==> flow/design.v <==
module core_registers_v2 #(
   parameter NWORDS = 10,
   parameter W = 32,
   parameter NUM_RD = 4,
   parameter WP = 1,
   parameter IDX_W = $clog2(NWORDS)
) (
   input logic aclk,
   input logic [WP-1:0] wen,
   input logic [WP*IDX_W-1:0] wsel,
   input logic [WP*W-1:0] din,
   input logic [NUM_RD*IDX_W-1:0] rd_idx,
   output logic [NUM_RD*W-1:0] rd
);
   logic [WP-1:0] wen_q;
   logic [WP*IDX_W-1:0] wsel_q;
   logic [WP*W-1:0] din_q;
   logic [W-1:0] ram [0:NWORDS-1];
   always_ff @(posedge aclk) begin
      for (int n = 0; n < WP; n++)
         if (wen_q[n]) ram[wsel_q[n*IDX_W +: IDX_W]] <= din_q[n*W +: W];
   end
   logic [NUM_RD*IDX_W-1:0] rd_idx_q;
   logic [NUM_RD*W-1:0] cur;
   generate
      for (genvar m = 0; m < NUM_RD; m++) begin : blk
         assign cur[m*W +: W] = ram[rd_idx_q[m*IDX_W +: IDX_W]];
      end
   endgenerate
   logic [NUM_RD*W-1:0] rd_q;
   assign rd = rd_q;
   always_ff @(posedge aclk) begin
      wen_q <= wen;
      wsel_q <= wsel;
      din_q <= din;
      rd_idx_q <= rd_idx;
      rd_q <= cur;
   end
endmodule
Memo
Re: synthesis data of core_registers_v2

=== From RTL to reports: core_registers_v2 ===
A sweep over "WP": the same steps for each member of the family.
The file above is the member WP = 1. Line numbers count from 1 in each member's own file.
Operators: Yosys type, input widths -> output width; for muxes data width and select width s.
Cell names lack the library's common part.
Not given: -

* Top module: core_registers_v2
* Clock input: aclk
* Cell library: sky130hd
* Timing corner: tt_025C_1v80

=== Members of the sweep ===
New or changed lines of each further member against the RTL above, in its own file; lines it lacks are not shown.

{| class="wikitable"
|+ Lines new or changed
! WP !! RTL line !! RTL
|-
| 2 || 5 || <nowiki>parameter WP = 2,</nowiki>
|-
| 3 || 5 || <nowiki>parameter WP = 3,</nowiki>
|-
| 4 || 5 || <nowiki>parameter WP = 4,</nowiki>
|-
| 6 || 5 || <nowiki>parameter WP = 6,</nowiki>
|}

=== Word-level counts ===
Counts by Yosys on the flattened word-level netlist (proc, flatten, opt, wreduce; memories kept). Register bits leave out memories and registers merged into their read ports (data or address); mux counts leave out enables and synchronous resets folded into registers. Print and check cells are left out. Cells with the same type and inputs are merged into one.
Memory sizes are those after Yosys's memory passes, which may raise the word count (mostly to a power of two), join words into wider ones and drop unused or constant bits.

{| class="wikitable"
|+ Word-level totals
! WP !! memory cells !! RAM bits !! cells after elaboration !! input bits !! register bits !! word width x clocked read ports
|-
| 1 || 1 || 320 || 8 || 54 || 53 || 128
|-
| 2 || 1 || 320 || 11 || 91 || 90 || 128
|-
| 3 || 1 || 320 || 14 || 128 || 127 || 128
|-
| 4 || 1 || 320 || 17 || 165 || 164 || 128
|-
| 6 || 1 || 320 || 23 || 239 || 238 || 128
|}

{| class="wikitable"
|+ Memory list
! WP !! shape (words x width / read and write ports)
|-
| 1 || ram 10x32 r4 w1
|-
| 2 || ram 10x32 r4 w2
|-
| 3 || ram 10x32 r4 w3
|-
| 4 || ram 10x32 r4 w4
|-
| 6 || ram 10x32 r4 w6
|}

{| class="wikitable"
|+ Operators by class
! WP !! muxes and demuxes
|-
| 1 || 3
|-
| 2 || 6
|-
| 3 || 9
|-
| 4 || 12
|-
| 6 || 18
|}

{| class="wikitable"
|+ Operators by type and width
! WP !! kinds with counts
|-
| 1 || $mux 32 (1); $mux 4 (1); $mux 1 (1)
|-
| 2 || $mux 32 (2); $mux 4 (2); $mux 1 (2)
|-
| 3 || $mux 32 (3); $mux 4 (3); $mux 1 (3)
|-
| 4 || $mux 32 (4); $mux 4 (4); $mux 1 (4)
|-
| 6 || $mux 32 (6); $mux 4 (6); $mux 1 (6)
|}

=== Logic depth ===
Yosys ltp: most cells in a row. Word level: on the elaborated netlist, between registers, memories and ports. Mapped: between sequential cells and ports; inverters and the memories' decode and read muxes count.

{| class="wikitable"
|+ Depth
! WP !! depth after elaboration !! ABC_AREA !! mapped depth !! depth with buffers taken out
|-
| 1 || 1 || 0 || 6 || 3
|-
| 2 || 1 || 0 || 6 || 3
|-
| 3 || 1 || 0 || 6 || 3
|-
| 4 || 1 || 0 || 7 || 4
|-
| 6 || 1 || 0 || 9 || 5
|}

=== Netlist ===
Yosys stat after the flow's synthesis: flattened, memories mapped to cells. It holds for the ABC_AREA given above (unset counts as 0); a run with the other value may have another netlist.
Totals and module areas in this step are rounded.

{| class="wikitable"
|+ Cells by type
! WP !! type and count
|-
| 1 || edfxtp_1 (320); mux2_2 (384); dfxtp_1 (181); mux2i_1 (256); a22o_1 (128); o22ai_1 (128); o31ai_2 (53); o31ai_1 (75); nand2_1 (133); clkbuf_1 (70); buf_6 (22); buf_2 (36); buf_8 (8); buf_4 (6); nor2_1 (11); buf_1 (10); nand2b_1 (6); nor2b_1 (4); [+6]
|-
| 2 || edfxtp_1 (320); mux2_2 (617); dfxtp_1 (218); mux2i_1 (256); a22o_1 (128); mux2_1 (87); o31ai_1 (128); o22ai_1 (128); nand2_1 (136); buf_2 (64); clkbuf_1 (73); buf_1 (71); buf_4 (28); buf_6 (15); nand2b_1 (6); o21bai_1 (5); nor2b_1 (5); o21ai_0 (5); [+18]
|-
| 3 || edfxtp_1 (320); dfxtp_1 (255); mux2_2 (384); mux2i_1 (256); a31oi_1 (320); nand3_1 (322); nor3_1 (320); o21ai_0 (309); a22o_1 (128); clkbuf_1 (281); o31ai_1 (128); o22ai_1 (128); nand2_1 (142); buf_2 (83); buf_4 (30); buf_6 (20); buf_1 (47); o211ai_1 (10); [+67]
|-
| 4 || edfxtp_1 (320); dfxtp_1 (292); mux2_2 (384); mux2i_1 (256); o21ai_0 (494); nand2_1 (506); a221oi_1 (182); o22ai_1 (254); a221o_1 (128); clkbuf_1 (266); o21ai_1 (146); a21oi_1 (140); buf_2 (100); o31ai_1 (58); nor2_1 (80); nor2b_1 (46); buf_4 (31); buf_1 (60); [+105]
|-
| 6 || edfxtp_1 (320); dfxtp_1 (366); mux4_2 (256); nand2_1 (565); a31oi_1 (315); o22ai_1 (311); mux2i_1 (165); clkbuf_1 (393); a221o_1 (132); a21oi_1 (219); o211ai_1 (133); a211oi_1 (130); nor2b_1 (134); o21ai_0 (117); a211o_1 (57); nor2_1 (112); a21o_1 (54); buf_2 (79); [+360]
|}

A list marked [+n] leaves out that many cells.

{| class="wikitable"
|+ Mapped netlist
! WP !! standard cells after synthesis !! buffer cells !! sequential area (µm²) !! synthesis area (µm²) !! flip-flop cells
|-
| 1 || 1837 || 152 || 13000 || 25000 || 501
|-
| 2 || 2308 || 251 || 14000 || 29000 || 538
|-
| 3 || 3550 || 470 || 15000 || 34000 || 575
|-
| 4 || 3848 || 463 || 15000 || 36000 || 612
|-
| 6 || 4218 || 585 || 17000 || 42000 || 686
|}

=== Path before layout ===
OpenSTA on the mapped netlist: ideal clock, no wires. The path of least setup slack (recovery checks aside). Input and output delay are each 20% of the period. Register names are those of the netlist, which keeps one name where synthesis merged equal registers.

{| class="wikitable"
|+ Timing path post-synthesis
! WP !! path type !! start point !! end point !! clock period (ns) !! slack (ns) !! stages !! delay of the path (ns) !! synthesis period reached (ns)
|-
| 1 || reg-to-reg || register wen_q || memory ram[0][0] || 4.35 || 0.867 || 3 || 3.483 || 3.483
|-
| 2 || reg-to-reg || register wen_q[0] || memory ram[0][0] || 4.45 || 0.887 || 3 || 3.563 || 3.563
|-
| 3 || reg-to-reg || register wen_q[1] || memory ram[0][0] || 3.94 || 0.792 || 6 || 3.149 || 3.148
|-
| 4 || reg-to-reg || register wsel_q[7] || memory ram[7][0] || 3.39 || 0.681 || 6 || 2.709 || 2.709
|-
| 6 || reg-to-reg || register wsel_q[22] || memory ram[9][0] || 3.69 || 0.740 || 8 || 2.950 || 2.95
|}

"delay of the path" is the arrival time less input delay plus setup time.
"stages" counts driving pins, that of a launching flip-flop among them; a cell with two outputs on the path counts twice.
"synthesis period reached" = period - worst setup slack (recovery checks aside). The figure is calculated, with input and output delays left at 20% of the set period.
The rows between start and end are the longest chain of elaborated cells between them; the timing report does not say that the signal goes this way. Where chains are equally long, one stands for them.
Each line given opens the expression or statement behind the cell; cells for indexed reads and writes are added by Yosys, which also makes memories of some case tables.
WP = 1: The path ends at the enable pin of a flip-flop; only ways to that pin are counted.

On the way, post-synthesis, WP = 1:
* Length of the longest elaborated chain: 1

{| class="wikitable"
|+ Ends and longest elaborated chain, post-synthesis, WP = 1
! what !! RTL line !! RTL
|-
| from (decl) || 15 || <nowiki>logic [WP-1:0] wen_q;</nowiki>
|-
| from (assign) || 33 || <nowiki>wen_q <= wen;</nowiki>
|-
| $mux 4 || 21 || <nowiki>if (wen_q[n]) ram[wsel_q[n*IDX_W +: IDX_W]] <= din_q[n*W +: W];</nowiki>
|-
| to (decl) || 18 || <nowiki>logic [W-1:0] ram [0:NWORDS-1];</nowiki>
|}

On the way, post-synthesis, WP = 6:
* Length of the longest elaborated chain: 1

{| class="wikitable"
|+ Ends and longest elaborated chain, post-synthesis, WP = 6
! what !! RTL line !! RTL
|-
| from (decl) || 16 || <nowiki>logic [WP*IDX_W-1:0] wsel_q;</nowiki>
|-
| from (assign) || 34 || <nowiki>wsel_q <= wsel;</nowiki>
|-
| $mux 4 || 21 || <nowiki>if (wen_q[n]) ram[wsel_q[n*IDX_W +: IDX_W]] <= din_q[n*W +: W];</nowiki>
|-
| to (decl) || 18 || <nowiki>logic [W-1:0] ram [0:NWORDS-1];</nowiki>
|}

=== Timing after layout ===
From the final timing report of the run of each member: the path of least setup slack in the routed layout; clock arrival at registers is part of the times.

{| class="wikitable"
|+ Timing path after layout
! WP !! path type !! start point !! end point !! slack (ns) !! clock period (ns) !! path buffers !! arrival time (ns) !! stages
|-
| 1 || reg-to-output || register rd_q[109] || output port rd[109] || 1.83 || 4.35 || 1 || 1.65 || 2
|-
| 2 || reg-to-reg || register wen_q[1] || memory ram[3][15] || 1.64 || 4.45 || 2 || 3.15 || 6
|-
| 3 || reg-to-reg || register wsel_q[6] || memory ram[9][10] || 1.30 || 3.94 || 1 || 2.88 || 4
|-
| 4 || reg-to-reg || register wsel_q[4] || memory ram[2][21] || 0.44 || 3.39 || 1 || 3.40 || 6
|-
| 6 || reg-to-reg || register wsel_q[14] || memory ram[7][13] || 0.63 || 3.69 || 1 || 3.42 || 6
|}

=== Measured runs ===
Settings and results of one run of the flow (Yosys, OpenROAD) for each member follow. The constraints put input and output delay at 20% of the set period each and load the outputs with 0.01 pF.

* CAP_MARGIN: 20
* CORE_MARGIN: 2
* CORE_UTILIZATION: 40
* SLEW_MARGIN: 20

{| class="wikitable"
|+ Settings that differ
! WP !! period_ns
|-
| 1 || 4.35
|-
| 2 || 4.45
|-
| 3 || 3.94
|-
| 4 || 3.39
|-
| 6 || 3.69
|}

{| class="wikitable"
|+ Final reports
! WP !! standard-cell area after layout (µm²) !! overall die area (µm²) !! lowest setup slack (ns) !! total power of the final layout (mW) !! utilization in the final report !! synthesis area (µm²)
|-
| 1 || 29000 || 64000 || 1.8 || 12 || 0.48 || 25000
|-
| 2 || 34000 || 76000 || 1.6 || 13 || 0.47 || 29000
|-
| 3 || 40000 || 88000 || 1.3 || 17 || 0.47 || 34000
|-
| 4 || 43000 || 93000 || 0.44 || 21 || 0.48 || 36000
|-
| 6 || 49000 || 110000 || 0.63 || 23 || 0.48 || 42000
|}

"total power of the final layout" rests on the timing tool's default activity at the inputs, not on a simulated workload.
Values from the reports are rounded here.
